==> flow/design.v <==
module ex_mem_v2 #(
  parameter int NUM_REGS = 6,
  parameter int DATA_W = 12,
  parameter int N_READ = 8,
  parameter int ADDR_W = $clog2(NUM_REGS)
) (
  input  logic CLK,
  input  logic load,
  input  logic [ADDR_W-1:0] wsel,
  input  logic [DATA_W-1:0] wdata,
  input  logic [N_READ*ADDR_W-1:0] rsel,
  output logic [N_READ*DATA_W-1:0] read_data
);
  logic r_load;
  always_ff @(posedge CLK) begin
    r_load <= load;
  end
  logic [ADDR_W-1:0] r_wsel;
  always_ff @(posedge CLK) begin
    r_wsel <= wsel;
  end
  logic [DATA_W-1:0] r_wdata;
  always_ff @(posedge CLK) begin
    r_wdata <= wdata;
  end
  logic [NUM_REGS*DATA_W-1:0] rf;
  generate
    for (genvar ii = 0; ii < NUM_REGS; ii++) begin : row
      always_ff @(posedge CLK)
        if (r_load && r_wsel == ii) rf[ii*DATA_W +: DATA_W] <= r_wdata;
    end
  endgenerate
  logic [N_READ*ADDR_W-1:0] r_rsel;
  always_ff @(posedge CLK) begin
    r_rsel <= rsel;
  end
  logic [N_READ*DATA_W-1:0] work;
  always_comb begin
    work = '0;
    for (int gj = 0; gj < N_READ; gj++) begin
      for (int idx = 0; idx < NUM_REGS; idx++)
        work[gj*DATA_W +: DATA_W] = work[gj*DATA_W +: DATA_W] | (rf[idx*DATA_W +: DATA_W] & {DATA_W{r_rsel[gj*ADDR_W +: ADDR_W] == idx}});
    end
  end
  always_ff @(posedge CLK) begin
    read_data <= work;
  end
endmodule
======== Reports on ex_mem_v2 ========
The steps from the RTL of ex_mem_v2 to its reports follow in flow order.
Line numbers count from 1 in the design file above.
Operators: Yosys type, input widths -> output width; for muxes data width and select width s.
Not given: n/a
inputs
  top module .............................. ex_mem_v2
  clock port .............................. CLK
  standard-cell library ................... sky130hd
  corner .................................. tt_025C_1v80

======== Word-level counts ========
Yosys after proc, flatten, opt, wreduce and memory -nomap, before mapping. Enables and synchronous resets that opt folds into registers are not counted as muxes. Memory bits, and registers merged into a memory's read port (data or address), are not among the register bits. Print and check cells are not counted. Equal cells are merged and count once.
bit counts
  bits in registers ....................... 208
  ROM bits ................................ 0
  cells after elaboration ................. 159
  RAM bits ................................ 0
  latch bits .............................. 0
  clocked read ports x word width ......... 0
  output and inout port bits .............. 96
  input port bits ......................... 41
  memories ................................ 0
operators by class
  magnitude comparators ................... 0
  eq/ne operators ......................... 45
  reduce/logical cells .................... 15
  $add $sub $neg .......................... 0
  bitwise gates (word level) .............. 88
  muxes and demuxes ....................... 0
  shift operators ......................... 0
  $mul .................................... 0
  div/mod/pow operators ................... 0
operator list
  kind                count
  $and 12x12->12      48
  $or 12x12->12       40
  $eq 3x2->1 const B  18
  $eq 3x3->1 const B  18
  $eq 3x1->1 const B  9
  $logic_not 3->1     9
  $logic_and 1x1->1   6

======== Longest topological paths ========
Longest topological path by Yosys (ltp), each cell counted once; first at word level (registers and memories cut), then after technology mapping (sequential cells cut; the memories' decode and read muxes count).
depth
  depth in word-level cells ............... 7
  ABC_AREA ................................ 0
  mapped depth ............................ 6
  mapped depth without buffers ............ 3

======== After synthesis ========
Source: synth_stat.txt of the flow (Yosys; design flattened, memories mapped). It holds for the ABC_AREA given above (unset counts as 0); a run with the other value may have another netlist.
The area totals of this step are shown rounded.
cells by type
  cell                        count  area in all (um2)
  sky130_fd_sc_hd__dfxtp_1    136    2.72E+03
  sky130_fd_sc_hd__edfxtp_1   72     2.16E+03
  sky130_fd_sc_hd__mux2_1     73     822.038
  sky130_fd_sc_hd__mux2i_1    75     750.72
  sky130_fd_sc_hd__a22oi_1    57     427.91
  sky130_fd_sc_hd__o221ai_1   23     201.443
  sky130_fd_sc_hd__mux2_2     17     191.434
  sky130_fd_sc_hd__buf_2      36     180.173
  sky130_fd_sc_hd__mux4_2     8      180.173
  sky130_fd_sc_hd__nor2b_1    24     150.144
  sky130_fd_sc_hd__a21oi_1    28     140.134
  sky130_fd_sc_hd__a221oi_1   15     131.376
  sky130_fd_sc_hd__nand2_1    33     123.869
  sky130_fd_sc_hd__a22o_1     14     122.618
  sky130_fd_sc_hd__a32oi_1    13     113.859
  sky130_fd_sc_hd__a2bb2oi_1  12     105.101
  sky130_fd_sc_hd__buf_6      9      101.347
  sky130_fd_sc_hd__a221o_1    10     100.096
Not listed: further types 39, cells in them 203.
synthesis totals
  sequential area ......................... 4880 um2
  chip area (Yosys) ....................... 10000 um2
  standard cells after synthesis .......... 858
  flip-flops .............................. 208

======== Worst setup path after synthesis ========
Source: OpenSTA report_checks on the synthesized netlist (no wires, ideal clock, input and output delay 20% of the period each), path of least setup slack; recovery checks are left aside. Register names are those of the netlist, which keeps one name where synthesis merged equal registers.
timing path post-synthesis
  path type ............................... register to register
  from .................................... register r_wsel[2]
  to ...................................... register rf[24]
  stages .................................. 3
  launch time at the first pin ............ 0.000 ns
  period .................................. 2.3 ns
  data arrival time ....................... 1.438 ns
  data required time ...................... 1.901 ns
  path delay .............................. 1.837 ns
  setup slack ............................. 0.463 ns
  path buffers ............................ 0
  library setup time ...................... 0.399 ns
  period reached after synthesis .......... 1.837 ns
"path delay" is the arrival time less input delay plus setup time.
"stages" counts driving pins, that of a launching flip-flop among them; a cell with two outputs on the path counts twice.
"period reached after synthesis" is the clock period less the worst setup slack; recovery checks do not enter. This is arithmetic on one report: input and output delays are still those of the set period (20% each).
The rows between start and end are the longest chain of elaborated cells between them; the timing report does not say that the signal goes this way. Where chains are equally long, one stands for them.
A line is the first line of the expression or statement that the cell stems from. Yosys adds cells for indexed reads and writes and turns some case tables into memories.
on the way, post-synthesis
  path through ............................ sky130_fd_sc_hd__dfxtp_1 -> sky130_fd_sc_hd__nand2b_1 -> sky130_fd_sc_hd__nor3b_1
  cells in the longest elaborated chain ... 2
  elaborated cells between the ends (all ways) .. 2
  RTL lines with such cells ............... 1
  classes of those cells .................. 1 x eq/ne; 1 x reduce/logical
ends and longest elaborated chain, post-synthesis
  element            line  source
  start, declared    18    logic [ADDR_W-1:0] r_wsel;
  start, assigned    20    r_wsel <= wsel;
  $eq 3x2->1         30    if (r_load && r_wsel == ii) rf[ii*DATA_W +: DATA_W] <= r_wdata;
  $logic_and 1x1->1  30
  end, assigned      30
  end, declared      26    logic [NUM_REGS*DATA_W-1:0] rf;

======== Timing after layout ========
Path of least setup slack in the final report of entry A (OpenROAD, finished layout, wires in). Where an end is a register, its clock arrival counts in the times.
timing path after layout
  path type ............................... register to output
  from .................................... register read_data[16]
  to ...................................... output port read_data[16]
  data required time ...................... 1.84 ns
  period .................................. 2.3 ns
  stages .................................. 2
  data arrival time ....................... 1.45 ns
  path buffers ............................ 1
  output delay ............................ 0.46 ns
  setup slack ............................. 0.39 ns
  launch time at the first pin ............ 0.52 ns
on the way, after layout
  path through ............................ sky130_fd_sc_hd__dfxtp_1 -> sky130_fd_sc_hd__clkdlybuf4s50_1
  cells in the longest elaborated chain ... 0
  elaborated cells between the ends (all ways) .. 0
  RTL lines with such cells ............... 0
ends and longest elaborated chain, after layout
  element          line  source
  start, declared  12    output logic [N_READ*DATA_W-1:0] read_data
  start, assigned  46    read_data <= work;
  end, declared    12

Record of 3 stored runs of the RTL-to-layout flow on ex_mem_v2, platform sky130hd. The runs are unordered. Constraints: input delay and output delay 20% of the set period each, output load 0.01 pF.
"achieved period" means the clock period less the worst setup slack. The figure is calculated, with input and output delays left at 20% of the set period.
By "worst setup path time" is meant the share of the clock period that the worst setup path is allowed (20% is reserved at inputs, 20% at outputs), minus its slack. Clock arrival times at its registers enter into it.
By "power consumption" is meant OpenSTA's value without simulated activity: inputs other than the clock are taken to toggle once in ten clock periods, and the tool carries that through the logic.
Values from the reports are rounded here.

======== entry A ========
==> flow/run.sh <==
#!/bin/bash
# the make line also repeats the synthesis and layout settings of config.mk as NAME=value (left out here)
make -C /OpenROAD-flow-scripts/flow DESIGN_CONFIG=/design/flow/config.mk WORK_HOME=/design/flow/orfs CLKGATE_MAP_FILE= finish
==> flow/config.mk <==
export PLATFORM = sky130hd
export DESIGN_NAME = ex_mem_v2
export DESIGN_NICKNAME = ex_mem_v2
export VERILOG_FILES = /design/flow/design.v
export SDC_FILE = /design/flow/constraint.sdc
export NUM_CORES = 4
export LEC_CHECK = 0
export CAP_MARGIN = 20
export CORE_MARGIN = 2
export CORE_UTILIZATION = 40
export SLEW_MARGIN = 20
==> flow/constraint.sdc <==
create_clock -name core_clock -period 2.3 [get_ports {CLK}]
set_input_delay 0.4600 -clock core_clock [delete_from_list [all_inputs] [get_ports {CLK}]]
set_output_delay 0.4600 -clock core_clock [all_outputs]
set_load 0.01 [all_outputs]

-------- measured, entry A --------
  post-route setup TNS .................... 0.000 ns
  setup slack of the worst path ........... 0.390 ns
  die footprint ........................... 26300 um2
  worst setup path time ................... 1.45 ns
  worst setup path type ................... register to output
  achieved period ......................... 1.910 ns
  chip area in the Yosys report ........... 10000 um2
  power consumption ....................... 9330 µW
  standard-cell area after routing ........ 12400 um2
  post-route worst hold slack ............. 0.375 ns
  final utilization ....................... 0.508

======== entry B ========
==> flow/run.sh <==
#!/bin/bash
# the make line also repeats the synthesis and layout settings of config.mk as NAME=value (left out here)
make -C /OpenROAD-flow-scripts/flow DESIGN_CONFIG=/design/flow/config.mk WORK_HOME=/design/flow/orfs CLKGATE_MAP_FILE= finish
==> flow/config.mk <==
export PLATFORM = sky130hd
export DESIGN_NAME = ex_mem_v2
export DESIGN_NICKNAME = ex_mem_v2
export VERILOG_FILES = /design/flow/design.v
export SDC_FILE = /design/flow/constraint.sdc
export NUM_CORES = 4
export LEC_CHECK = 0
export ABC_AREA = 0
export CAP_MARGIN = 20
export CORE_MARGIN = 2
export CORE_UTILIZATION = 23
export CTS_CLUSTER_DIAMETER = 227
export GPL_TIMING_DRIVEN = 0
export PLACE_DENSITY_LB_ADDON = 0.07
export SLEW_MARGIN = 10
==> flow/constraint.sdc <==
create_clock -name core_clock -period 3.38 [get_ports {CLK}]
set_input_delay 0.6760 -clock core_clock [delete_from_list [all_inputs] [get_ports {CLK}]]
set_output_delay 0.6760 -clock core_clock [all_outputs]
set_load 0.01 [all_outputs]

-------- measured, entry B --------
  chip area in the Yosys report ........... 10000 um2
  achieved period ......................... 2.110 ns
  final utilization ....................... 0.303
  power consumption ....................... 6670 µW
  standard-cell area after routing ........ 13000 um2
  setup slack of the worst path ........... 1.27 ns
  post-route worst hold slack ............. 0.530 ns
  worst setup path time ................... 1.43 ns
  worst setup path type ................... register to output
  post-route setup TNS .................... 0.000 ns
  die footprint ........................... 45200 um2

======== entry C ========
==> flow/run.sh <==
#!/bin/bash
# the make line also repeats the synthesis and layout settings of config.mk as NAME=value (left out here)
make -C /OpenROAD-flow-scripts/flow DESIGN_CONFIG=/design/flow/config.mk WORK_HOME=/design/flow/orfs CLKGATE_MAP_FILE= finish
==> flow/config.mk <==
export PLATFORM = sky130hd
export DESIGN_NAME = ex_mem_v2
export DESIGN_NICKNAME = ex_mem_v2
export VERILOG_FILES = /design/flow/design.v
export SDC_FILE = /design/flow/constraint.sdc
export NUM_CORES = 4
export LEC_CHECK = 0
export ABC_AREA = 1
export CAP_MARGIN = 30
export CELL_PAD_IN_SITES_DETAIL_PLACEMENT = 1
export CELL_PAD_IN_SITES_GLOBAL_PLACEMENT = 0
export CORE_ASPECT_RATIO = 1.27
export CORE_MARGIN = 2
export CORE_UTILIZATION = 60
export CTS_CLUSTER_DIAMETER = 146
export GPL_TIMING_DRIVEN = 0
export HOLD_SLACK_MARGIN = 0.21
export MAX_ROUTING_LAYER = met5
export MIN_ROUTING_LAYER = met1
export PLACE_DENSITY = 0.94
export SLEW_MARGIN = 30
export TNS_END_PERCENT = 70
==> flow/constraint.sdc <==
create_clock -name core_clock -period 1.56 [get_ports {CLK}]
set_input_delay 0.3120 -clock core_clock [delete_from_list [all_inputs] [get_ports {CLK}]]
set_output_delay 0.3120 -clock core_clock [all_outputs]
set_load 0.01 [all_outputs]

-------- entry C --------
  did not finish, placement stopped with DPL-0033
